==> flow/design.v <==
module as_core_v2 (core_clk, RSTN, ce, in_u, in_v, out_delta);
  parameter integer DATA_W = 80;
  input core_clk;
  input RSTN;
  input ce;
  input [DATA_W-1:0] in_u;
  input [DATA_W-1:0] in_v;
  output reg [DATA_W-1:0] out_delta;
  reg [DATA_W-1:0] u_d1;
  reg [DATA_W-1:0] v_d1;
  reg [DATA_W:0] cur_d1;
  always @(posedge core_clk) begin
    if (~RSTN) begin
      u_d1 <= 0;
      v_d1 <= 0;
      cur_d1 <= 0;
      out_delta <= 0;
    end else if (ce) begin
      u_d1 <= in_u;
      v_d1 <= in_v;
      cur_d1 <= {1'b0, u_d1} - {1'b0, v_d1};
      out_delta <= cur_d1[DATA_W] ? -cur_d1[DATA_W-1:0] : cur_d1[DATA_W-1:0];
    end
  end
endmodule
Tool chain data of as_core_v2

What the tools print for as_core_v2, step after step.
Lines are those of the file above, counted from 1.
Not given: --

Design top: as_core_v2
Clock input: core_clk
Cell library: sky130hd
Timing corner: tt_025C_1v80

Word-level counts

Counts by Yosys on the flattened word-level netlist (proc, flatten, opt, wreduce; memories kept). Register bits leave out memories and registers merged into their read ports (data or address); mux counts leave out enables and synchronous resets folded into registers. Print and check cells are left out. Cells with the same type and inputs are merged into one.

Word-level cells: 7
Bits in registers: 321
Input port bits: 163

Multiplexer cells: 1
Add/subtract/negate cells: 2

Operators with widths:

| operator                                       | count |
| 80-bit by 80-bit subtractor with 81-bit output | 1 |
| 80-bit negation                                | 1 |
| 80-bit two-way mux                             | 1 |

Logic depth

Longest topological path by Yosys (ltp), each cell counted once; first at word level (registers and memories cut), then after technology mapping (sequential cells cut; the memories' decode and read muxes count).

Word-level depth: 2
ABC_AREA: 0
Mapped depth: 14
Gate-level depth less buffers: 13

After synthesis

Yosys stat after the flow's synthesis: flattened, memories mapped to cells. It holds for the ABC_AREA given above (unset counts as 0); a run with the other value may have another netlist.
Totals and module areas in this step are rounded.

Buffer cells: 137
Sequential area: 6426 sq um
Synthesis area: 18860 sq um
Flip-flop cells: 321
Mapped cells: 2176

Cell types:

| cell                      | count | area in all (sq um) |
| sky130_fd_sc_hd__dfxtp_1  | 321   | 6.43E+03 |
| sky130_fd_sc_hd__mux2i_1  | 210   | 2.1E+03 |
| sky130_fd_sc_hd__nor2b_1  | 232   | 1.45E+03 |
| sky130_fd_sc_hd__ha_1     | 81    | 1.01E+03 |
| sky130_fd_sc_hd__xor2_1   | 88    | 770.739 |
| sky130_fd_sc_hd__nand2_1  | 184   | 690.662 |
| sky130_fd_sc_hd__o211a_1  | 64    | 640.614 |
| sky130_fd_sc_hd__a21oi_1  | 114   | 570.547 |
| sky130_fd_sc_hd__o21ai_0  | 96    | 480.461 |
| sky130_fd_sc_hd__xnor2_1  | 49    | 429.162 |
| sky130_fd_sc_hd__inv_1    | 108   | 405.389 |
| sky130_fd_sc_hd__clkbuf_1 | 106   | 397.882 |
| sky130_fd_sc_hd__a21o_1   | 49    | 367.853 |
| sky130_fd_sc_hd__nor2_1   | 77    | 289.027 |
| sky130_fd_sc_hd__nand4_1  | 34    | 212.704 |
| sky130_fd_sc_hd__nand3_1  | 40    | 200.192 |
| sky130_fd_sc_hd__o21bai_1 | 19    | 142.637 |
| sky130_fd_sc_hd__o31ai_1  | 18    | 135.13 |

Other cell types: 56; their cells: 286.

Path before layout

OpenSTA on the mapped netlist: ideal clock, no wires. The path of least setup slack (recovery checks aside). Input and output delay are each 20% of the period. Register names are those of the netlist, which keeps one name where synthesis merged equal registers.

Kind: register -> register
Start: reg cur_d1[24]
End: reg out_delta[51]
Time at the first pin: 0.000 ns
Arrival: 3.116 ns
Stages on the path: 11
Path delay: 3.232 ns
Period: 4.04 ns
Buffers on the path: 1
Setup slack: 0.808 ns
Synthesis period reached: 3.232 ns

"path delay" = arrival - input delay + setup time.
"stages on the path" counts driving pins, that of a launching flip-flop among them; a cell with two outputs on the path counts twice.
"synthesis period reached" = period - worst setup slack (recovery checks aside). The figure is calculated, with input and output delays left at 20% of the set period.
Between the ends stands the longest chain of elaborated cells between them, by number of cells; it is not shown to be the way that was timed. Of several equally long chains one is given.
A line is the first line of the expression or statement that the cell stems from. Yosys adds cells for indexed reads and writes and turns some case tables into memories.

Cell sequence: sky130_fd_sc_hd__dfxtp_1 > sky130_fd_sc_hd__or4_4 > sky130_fd_sc_hd__or3_4 > sky130_fd_sc_hd__or4_4 > sky130_fd_sc_hd__or3_1 > sky130_fd_sc_hd__buf_6 > sky130_fd_sc_hd__or4_4 > sky130_fd_sc_hd__o31ai_4 > sky130_fd_sc_hd__xor2_1 > sky130_fd_sc_hd__nand2_1 > sky130_fd_sc_hd__o211a_1
Length of the longest elaborated chain: 2
Elaborated cells on any way between the ends: 2
Source lines of those cells: 1

RTL lines, path post-synthesis:

| what               | RTL line | source |
| start: declaration | 11       | `reg [DATA_W:0] cur_d1;` |
| start: assignment  | 16       | `cur_d1 <= 0;` |
| start: assignment  | 21       | `cur_d1 <= {1'b0, u_d1} - {1'b0, v_d1};` |
| 80-bit negation    | 22       | `out_delta <= cur_d1[DATA_W] ? -cur_d1[DATA_W-1:0] : cur_d1[DATA_W-1:0];` |
| 80-bit two-way mux | 22       |  |
| end: assignment    | 17       | `out_delta <= 0;` |
| end: assignment    | 22       |  |
| end: declaration   | 8        | `output reg [DATA_W-1:0] out_delta;` |

Timing after layout

From the final timing report of run 1: the path of least setup slack in the routed layout; clock arrival at registers is part of the times.

Kind: register -> register
Start: reg v_d1[7]
End: reg cur_d1[74]
Stages on the path: 15
Arrival: 4.28 ns
Time at the first pin: 0.60 ns
Period: 4.15 ns
Buffers on the path: 2
Setup slack: 0.36 ns

Between the ends stands the longest chain of elaborated cells between them, by number of cells; it is not shown to be the way that was timed. Of several equally long chains one is given.

Cell sequence: sky130_fd_sc_hd__dfxtp_1 > sky130_fd_sc_hd__inv_1 > sky130_fd_sc_hd__ha_1 > sky130_fd_sc_hd__a21oi_1 > sky130_fd_sc_hd__o21ai_0 > sky130_fd_sc_hd__a221oi_2 > sky130_fd_sc_hd__o41ai_2 > sky130_fd_sc_hd__o2111ai_1 > sky130_fd_sc_hd__buf_4 > sky130_fd_sc_hd__a211oi_1 > sky130_fd_sc_hd__nor2_2 > sky130_fd_sc_hd__o21ai_0 > sky130_fd_sc_hd__buf_4 > sky130_fd_sc_hd__a31oi_1 > sky130_fd_sc_hd__o311ai_0
Length of the longest elaborated chain: 1
Elaborated cells on any way between the ends: 1
Source lines of those cells: 1

RTL lines, path post-layout:

| what                                           | RTL line | source |
| start: declaration                             | 10       | `reg [DATA_W-1:0] v_d1;` |
| start: assignment                              | 15       | `v_d1 <= 0;` |
| start: assignment                              | 20       | `v_d1 <= in_v;` |
| 80-bit by 80-bit subtractor with 81-bit output | 21       | `cur_d1 <= {1'b0, u_d1} - {1'b0, v_d1};` |
| end: assignment                                | 16       | `cur_d1 <= 0;` |
| end: assignment                                | 21       |  |
| end: declaration                               | 11       | `reg [DATA_W:0] cur_d1;` |

Measured data: module as_core_v2, platform sky130hd, 3 stored runs of the flow under differing settings, order arbitrary. Input and output delays are each 20% of the period that was set; the output load is 0.01 pF.
"achieved clock period" means the clock period less the worst setup slack. The figure is calculated, with input and output delays left at 20% of the set period.
By "critical path time" is meant the share of the clock period that the worst setup path is allowed (20% is reserved at inputs, 20% at outputs), minus its slack. Clock arrival times at its registers enter into it.
"total power of the final layout" rests on the timing tool's default activity at the inputs, not on a simulated workload.
The results are shown rounded.
A setting shown as - is not set for that run.
A result given as - is not shown for that run.

| setting or result                              | run 1                | run 2                | run 3 |
| period_ns                                      | 4.15                 | 4.04                 | 2.15  |
| CORE_UTILIZATION                               | 18                   | 40                   | 61    |
| PLACE_DENSITY_LB_ADDON                         | 0.09                 | -                    | -     |
| CELL_PAD_IN_SITES_GLOBAL_PLACEMENT             | 2                    | -                    | -     |
| ABC_AREA                                       | 0                    | -                    | 0     |
| MIN_ROUTING_LAYER                              | met1                 | -                    | met1  |
| CAP_MARGIN                                     | 20                   | 20                   | 40    |
| CORE_MARGIN                                    | 2                    | 2                    | 2     |
| SLEW_MARGIN                                    | 20                   | 20                   | 20    |
| SETUP_SLACK_MARGIN                             | -                    | -                    | 0.19  |
| CELL_PAD_IN_SITES_DETAIL_PLACEMENT             | -                    | -                    | 2     |
| GPL_ROUTABILITY_DRIVEN                         | -                    | -                    | 0     |
| CTS_CLUSTER_DIAMETER                           | -                    | -                    | 220   |
| post-synthesis cell area (sq um)               | 18860                | 18860                | -     |
| full die area (sq um)                          | 107400               | 48910                | -     |
| standard-cell area of the final layout (sq um) | 24520                | 23030                | -     |
| post-layout utilization (%)                    | 23.6                 | 49.5                 | -     |
| worst setup slack after layout (ns)            | 0.362                | 0.299                | -     |
| sum of negative setup slack (ns)               | 0.000                | 0.000                | -     |
| smallest hold slack (ns)                       | 0.477                | 0.479                | -     |
| total power of the final layout (µW)           | 11000                | 10330                | -     |
| achieved clock period (ns)                     | 3.788                | 3.741                | -     |
| critical path time (ns)                        | 3.79                 | 3.74                 | -     |
| critical path type                             | register -> register | register -> register | -     |

Run 3: stopped before the end: placement reported a tool error
